==> flow/design.v <==
module u_mux_stage #(
    parameter W = 32,
    parameter NIN = 3,
    parameter SEL_WIDTH = $clog2(NIN)
) (
    input logic ck,
    input logic [NIN*W-1:0] din,
    input logic [SEL_WIDTH-1:0] select,
    output logic [W-1:0] q
);
    logic [NIN*W-1:0] r_din;
    logic [SEL_WIDTH-1:0] r_select;
    logic [NIN*W-1:0] t;
    assign t = r_din >> (r_select * W);
    assign q = t[W-1:0];
    always_ff @(posedge ck) begin
        r_din <= din;
        r_select <= select;
    end
endmodule
Lab notebook: u_mux_stage

* Tool chain data of u_mux_stage *
Tool output for the members of one design family, told apart by "NIN", in the order of the flow.
The file above is the member NIN = 3. Line numbers count from 1 in each member's own file.
Operators: Yosys type, input widths -> output width; for muxes data width and select width s.
Library cell names are shortened.
The mark - stands for no value.

design
  top module = u_mux_stage
  clock port = ck
  library = sky130hd
  corner = tt_025C_1v80

* Members of the sweep *
New or changed lines of each further member against the RTL above, in its own file; lines it lacks are not shown.

lines new or changed
  NIN  line  source
  4    3     parameter NIN = 4,
  5    3     parameter NIN = 5,
  10   3     parameter NIN = 10,
  12   3     parameter NIN = 12,
  24   3     parameter NIN = 24,

* Word-level counts *
Counts by Yosys on the flattened word-level netlist (proc, flatten, opt, wreduce; memories kept). Register bits leave out memories and registers merged into their read ports (data or address); mux counts leave out enables and synchronous resets folded into registers. Print and check cells are left out. Cells with the same type and inputs are merged into one.

storage and ports
  NIN  memory cells  RAM bits  bits in registers  clocked read ports x word width  bits in latches  output and inout bits  ROM bits  word-level cells  input port bits
  3    0             0         98                 0                                0                32                     0         3                 99
  4    0             0         130                0                                0                32                     0         3                 131
  5    0             0         163                0                                0                32                     0         3                 164
  10   0             0         324                0                                0                32                     0         3                 325
  12   0             0         388                0                                0                32                     0         3                 389
  24   0             0         773                0                                0                32                     0         3                 774

operators by class
  NIN  shift-type cells  multiplexer cells  reduce/logical cells  $lt $le $gt $ge  $mul  equal/unequal tests  bitwise operators  $add $sub $neg  div/mod/pow operators
  3    1                 0                  0                     0                0     0                    0                  0               0
  4    1                 0                  0                     0                0     0                    0                  0               0
  5    1                 0                  0                     0                0     0                    0                  0               0
  10   1                 0                  0                     0                0     0                    0                  0               0
  12   1                 0                  0                     0                0     0                    0                  0               0
  24   1                 0                  0                     0                0     0                    0                  0               0

operators by type and width
  NIN  kind and count
  3    $shr 96x7->32: 1
  4    $shr 128x7->32: 1
  5    $shr 160x8->32: 1
  10   $shr 320x9->32: 1
  12   $shr 384x9->32: 1
  24   $shr 768x10->32: 1

* Depth *
Yosys ltp: most cells in a row. Word level: on the elaborated netlist, between registers, memories and ports. Mapped: between sequential cells and ports; inverters and the memories' decode and read muxes count.

logic depth
  NIN  word-level depth  ABC_AREA  mapped depth  mapped depth without buffers
  3    1                 0         5             2
  4    1                 0         3             1
  5    1                 0         5             3
  10   1                 0         6             3
  12   1                 0         6             3
  24   1                 0         8             4

* After synthesis *
Yosys stat after the flow's synthesis: flattened, memories mapped to cells. It holds for the ABC_AREA given above (unset counts as 0); a run with the other value may have another netlist.
Totals and module areas in this step are rounded.

cell types
  NIN  types with counts
  3    dfxtp_1: 98; mux2i_1: 32; o2bb2ai_1: 22; o2bb2ai_2: 10; buf_6: 8; nor2b_4: 1; buf_4: 1; clkbuf_1: 2; buf_2: 1
  4    dfxtp_1: 130; mux4_2: 30; buf_12: 3; mux4_1: 2; buf_2: 3; buf_6: 1
  5    dfxtp_1: 163; mux2_4: 29; mux2i_1: 31; a221o_1: 30; nor2_1: 31; buf_12: 3; buf_2: 10; mux2_2: 4; buf_4: 3; nor3b_2: 1; buf_6: 1; a22o_1: 1; a21o_1: 1; a22oi_1: 1; nand2b_1: 1; nor2b_1: 1; nor3_1: 1; o21ai_1: 1
  10   dfxtp_1: 324; mux2_2: 96; mux4_2: 32; o31ai_2: 20; o22ai_1: 32; nand2_1: 33; nor2_1: 32; o31ai_1: 12; buf_2: 10; clkbuf_1: 13; buf_4: 5; buf_8: 2; buf_6: 2; nor3b_2: 1; buf_1: 3; nand2b_2: 1
  12   dfxtp_1: 388; mux4_2: 64; mux2_2: 64; o31ai_2: 20; o22ai_1: 32; nand2_1: 33; nor2_1: 32; o31ai_1: 12; clkbuf_1: 15; buf_2: 11; buf_4: 6; buf_6: 4; buf_1: 3; nand2b_1: 1; nor2b_1: 1
  24   dfxtp_1: 773; mux2i_1: 256; mux4_2: 64; a22oi_1: 96; nand3_1: 74; o211ai_1: 32; a221oi_1: 22; buf_4: 23; nand2b_1: 23; clkbuf_1: 30; a21oi_1: 21; buf_6: 9; nand2_1: 21; buf_2: 14; nor2_1: 13; buf_1: 9; nor2b_1: 3; buf_8: 1; and2_1: 1

synthesis totals
  NIN  sequential part of the area (um^2)  buffer cells  mapped flip-flops  cell count  chip area (Yosys) (um^2)
  3    1960                                12            98                 175         2750
  4    2600                                7             130                169         3420
  5    3260                                17            163                313         4670
  10   6490                                35            324                618         9290
  12   7770                                39            388                686         10900
  24   15500                               86            773                1485        21900

* Timing after synthesis *
Path of least setup slack by OpenSTA after synthesis, without wires, with an ideal clock, recovery checks aside; 20% of the period is set as input and as output delay. Where synthesis merged equal registers, the netlist keeps one of their names.

timing after synthesis
  NIN  kind           start point      end point  setup slack (ns)  path delay (ns)  driving pins on the path  period (ns)  synthesis period reached (ns)
  3    reg-to-output  reg r_select[1]  out q[0]   0.229             0.915            6                         1.43         1.201
  4    reg-to-output  reg r_select[0]  out q[0]   0.277             1.107            4                         1.73         1.453
  5    reg-to-output  reg r_select[2]  out q[0]   0.302             1.210            5                         1.89         1.588
  10   reg-to-output  reg r_select[0]  out q[24]  0.330             1.318            6                         2.06         1.73
  12   reg-to-output  reg r_select[0]  out q[29]  0.337             1.335            6                         2.09         1.753
  24   reg-to-output  reg r_select[1]  out q[11]  0.385             1.543            6                         2.41         2.025

"path delay" = arrival - input delay + setup time.
At an output port there is no setup time.
"driving pins on the path" counts driving pins, that of a launching flip-flop among them; a cell with two outputs on the path counts twice.
"synthesis period reached" is the clock period less the worst setup slack; recovery checks do not enter. This is arithmetic on one report: input and output delays are still those of the set period (20% each).
The rows between start and end are the longest chain of elaborated cells between them; the timing report does not say that the signal goes this way. Where chains are equally long, one stands for them.
Each line given opens the expression or statement behind the cell; cells for indexed reads and writes are added by Yosys, which also makes memories of some case tables.

on the way, after synthesis, NIN = 3
  cells in the longest elaborated chain = 1

ends and longest elaborated chain, after synthesis, NIN = 3
  item                line  source
  start: declaration  12    logic [SEL_WIDTH-1:0] r_select;
  start: assignment   18    r_select <= select;
  $shr 96x7->32       14    assign t = r_din >> (r_select * W);
  end: declaration    9     output logic [W-1:0] q

on the way, after synthesis, NIN = 24
  cells in the longest elaborated chain = 1

ends and longest elaborated chain, after synthesis, NIN = 24
  item                line  source
  start: declaration  12    logic [SEL_WIDTH-1:0] r_select;
  start: assignment   18    r_select <= select;
  $shr 768x10->32     14    assign t = r_din >> (r_select * W);
  end: declaration    9     output logic [W-1:0] q

* Timing after layout *
Path of least setup slack in the final report of the run of each member (OpenROAD, finished layout, wires in). Where an end is a register, its clock arrival counts in the times.

timing after layout
  NIN  kind           start point      end point  driving pins on the path  period (ns)  data arrival time (ns)  setup slack (ns)  path buffers
  3    reg-to-output  reg r_select[0]  out q[24]  6                         1.43         1.47                    -0.32             3
  4    reg-to-output  reg r_select[0]  out q[27]  5                         1.73         1.78                    -0.40             3
  5    reg-to-output  reg r_select[2]  out q[11]  9                         1.89         1.84                    -0.33             6
  10   reg-to-output  reg r_select[0]  out q[22]  8                         2.06         2.12                    -0.47             4
  12   reg-to-output  reg r_select[0]  out q[24]  8                         2.09         2.15                    -0.48             4
  24   reg-to-output  reg r_select[0]  out q[23]  8                         2.41         2.61                    -0.68             4

* Flow runs *
Settings and results of one run of the flow (Yosys, OpenROAD) for each member follow. The constraints put input and output delay at 20% of the set period each and load the outputs with 0.01 pF.

settings
  CAP_MARGIN = 20
  CORE_MARGIN = 2
  CORE_UTILIZATION = 40
  SLEW_MARGIN = 20

settings that differ
  NIN  period_ns
  3    1.43
  4    1.73
  5    1.89
  10   2.06
  12   2.09
  24   2.41

measured results
  NIN  full die area (um^2)  synthesis area (um^2)  worst hold slack after layout (ns)  lowest setup slack (ns)  standard-cell area after layout (um^2)  clock period achieved (ns)  sum of negative setup slack (ns)  power (mW)  utilization after routing (%)
  3    7550                  2750                   0.364                               -0.323                   4610                                    1.753                       -9.33                             5.49        68.6
  4    9300                  3420                   0.285                               -0.396                   5800                                    2.126                       -11.5                             7.53        70.3
  5    12600                 4670                   0.406                               -0.332                   7700                                    2.222                       -7.96                             8.05        67.4
  10   24500                 9290                   0.350                               -0.471                   15400                                   2.531                       -12.9                             14.3        67.7
  12   28700                 10900                  0.344                               -0.477                   17800                                   2.567                       -13.3                             16.4        66.2
  24   56700                 21900                  0.297                               -0.684                   35700                                   3.094                       -17.1                             29.9        66.0

"clock period achieved" = clock period - worst setup slack. The figure is calculated, with input and output delays left at 20% of the set period.
"power": no workload was simulated; the value follows from the tool's default switching activity.
The measured numbers are rounded.
